==> flow/design.v <==
module core_reg_file (core_clk, write, wr_idx, write_data, rd_idx_a, rd_idx_b, rd_data_a, rd_data_b);
    parameter D = 40;
    parameter BITS = 16;
    localparam ABITS = $clog2(D);
    input core_clk;
    input write;
    input [ABITS-1:0] wr_idx;
    input [BITS-1:0] write_data;
    input [ABITS-1:0] rd_idx_a;
    input [ABITS-1:0] rd_idx_b;
    output reg [BITS-1:0] rd_data_a;
    output reg [BITS-1:0] rd_data_b;
    reg [BITS-1:0] regs [0:D-1];
    always @(posedge core_clk) begin
        if (write)
            regs[wr_idx] <= write_data;
    end
    always @(posedge core_clk) begin
        rd_data_a <= (write && wr_idx == rd_idx_a) ? write_data : regs[rd_idx_a];
        rd_data_b <= (write && wr_idx == rd_idx_b) ? write_data : regs[rd_idx_b];
    end
endmodule
Step by step through the tools: core_reg_file
The steps from the RTL of core_reg_file to its reports follow in flow order.
Line numbers count from 1 in the design file above.
Operators: Yosys type, input widths -> output width; for muxes data width and select width s.
Library cell names are shortened.
Not given: --

set-up
  top module = core_reg_file
  clock input = core_clk
  library = sky130hd
  library corner = tt_025C_1v80

After elaboration
Source: Yosys, flattened and elaborated, memories not mapped. Widths are those after wreduce; folded enables and synchronous resets count as part of the registers. Registers that Yosys merges into a memory's read port (data or address) are not register bits. Print and check cells do not count. Equal cells are merged and count once.
Yosys's memory passes give these memory sizes; they may raise the number of words (mostly to a power of two), join words into wider ones and drop unused or constant bits.

operators by class
  mux-type cells = 3

operators with widths
  operator  number
  $mux 16   1
  $mux 6    1
  $mux 1    1

bit counts
  clocked read ports x word width = 32
  memories = 1
  register bits = 0
  memory bits (writable) = 640
  bits of input ports = 36
  output and inout port bits = 32

memories
  name  words  bits a word  read ports  write ports  RTL line  source
  regs  40     16           2           1            13        reg [BITS-1:0] regs [0:D-1];

Depth
Yosys ltp: most cells in a row. Word level: on the elaborated netlist, between registers, memories and ports. Mapped: between sequential cells and ports; inverters and the memories' decode and read muxes count.

logic depth
  word-level depth = 1
  ABC_AREA = 0
  mapped depth = 8
  mapped depth without buffers = 5

After synthesis
Yosys stat after the flow's synthesis: flattened, memories mapped to cells. It holds for the ABC_AREA given above (unset counts as 0); a run with the other value may have another netlist.

synthesis totals
  mapped flip-flops = 652
  cell count = 1909
  buffers = 153
  cell area after synthesis = 31305.0 um^2

cell types
  cell      number
  edfxtp_1  640
  mux2i_1   512
  mux4_2    64
  a22oi_1   128
  a221oi_2  41
  a22o_1    64
  o41ai_2   32
  buf_6     40
  mux2_2    32
  a21oi_1   64
  buf_4     34
  dfxtp_1   12
  a221oi_1  23
  o22ai_1   32
  nand2_1   41
  nor2_1    41
  clkbuf_1  38
  buf_2     25

Other cell types: 14; their cells: 46.

Worst setup path after synthesis
Path of least setup slack by OpenSTA after synthesis, without wires, with an ideal clock, recovery checks aside; 20% of the period is set as input and as output delay. Where synthesis merged equal registers, the netlist keeps one of their names.

timing post-synthesis
  path type = input -> register
  start = in wr_idx[3]
  end = mem regs[0][0]
  path delay = 2.059 ns
  path buffers = 0
  clock period = 3.22 ns
  stages on the path = 3
  time at the first pin = 0.644 ns
  data arrival time = 2.294 ns
  input delay = 0.644 ns
  setup slack = 0.517 ns
  required time = 2.811 ns
  synthesis period reached = 2.703 ns

"path delay" = arrival - input delay + setup time.
"stages on the path": output pins that drive a net of the path, with the launching flip-flop's if there is one; two outputs of one cell count as two.
"synthesis period reached" is the clock period less the worst setup slack; recovery checks do not enter. This is arithmetic on one report: input and output delays are still those of the set period (20% each).
Between the ends stands the longest chain of elaborated cells between them, by number of cells; it is not shown to be the way that was timed. Of several equally long chains one is given.
A line is the first line of the expression or statement that the cell stems from. Yosys adds cells for indexed reads and writes and turns some case tables into memories.

on the way, post-synthesis
  cells stage by stage = nor4b_1 -> nand2b_1 -> nor3_1
  cells in the longest elaborated chain = 1
  elaborated cells between the ends (all ways) = 1
  RTL lines with such cells = 1

ends and longest elaborated chain, post-synthesis
  item             RTL line  source
  start, declared  7         input [ABITS-1:0] wr_idx;
  $mux 6           15        if (write)
  end, declared    13        reg [BITS-1:0] regs [0:D-1];

Timing after layout
Path of least setup slack in the final report of entry A (OpenROAD, finished layout, wires in). Where an end is a register, its clock arrival counts in the times.

timing after layout
  path type = register -> output
  start = reg (name not given)
  end = out rd_data_b[3]
  time at the first pin = 0.62 ns
  clock period = 3.53 ns
  stages on the path = 6
  path buffers = 2
  required time = 2.82 ns
  data arrival time = 3.20 ns
  setup slack = -0.37 ns

on the way, after layout
  cells stage by stage = dfxtp_1 -> nand2b_1 -> buf_2 -> a21oi_2 -> o41ai_4 -> buf_2

ends and longest elaborated chain, after layout
  item           RTL line  source
  end, declared  12        output reg [BITS-1:0] rd_data_b;

Chain of elaborated cells between the ends: none given.

Add stored flow runs of core_reg_file

Measured results for core_reg_file: 3 stored runs of the Yosys and OpenROAD flow on sky130hd. The settings differ; the order carries no meaning. The constraints put input and output delay at 20% of the set period each and load the outputs with 0.01 pF.
"period achieved" is the run's clock period less its worst setup slack. It is reckoned from that one timing run; input and output delays stay at 20% of the period that was set.
"worst path time" means the part of the period allowed to the worst setup path (the constraints hold back 20% at inputs and 20% at outputs) less its slack; where the path has registers, the arrival times of their clocks count too.
"power consumption": no workload was simulated; the value follows from the tool's default switching activity.
Among the settings, - means not set for that run.

item                                           entry A             entry B             entry C
period_ns                                      3.53                3.35                3.22
CORE_UTILIZATION                               33                  58                  40
CORE_ASPECT_RATIO                              1.17                0.99                -
TNS_END_PERCENT                                90                  -                   -
GPL_TIMING_DRIVEN                              0                   -                   -
GPL_ROUTABILITY_DRIVEN                         0                   0                   -
CTS_CLUSTER_SIZE                               18                  56                  -
CAP_MARGIN                                     20                  20                  20
CORE_MARGIN                                    2                   2                   2
SLEW_MARGIN                                    20                  20                  20
SETUP_SLACK_MARGIN                             -                   -0.2                -
CELL_PAD_IN_SITES_GLOBAL_PLACEMENT             -                   3                   -
chip area in the Yosys report (um^2)           31305.0             31305.0             31305.0
sum of negative setup slack (ns)               -6.401              -5.543              -7.580
standard-cell area of the final layout (um^2)  40566.4             38066.5             40239.8
period achieved (ns)                           3.902               3.602               3.567
utilization after routing (%)                  43.0                71.6                51.9
power consumption (mW)                         18.482              18.837              20.130
final worst hold slack (ns)                    0.353               0.493               0.458
worst path time (ns)                           3.20                2.93                2.92
worst setup path type                          register -> output  register -> output  register -> output
setup slack of the critical path (ns)          -0.372              -0.252              -0.347
die size (um^2)                                97350.4             55849.3             80516.9
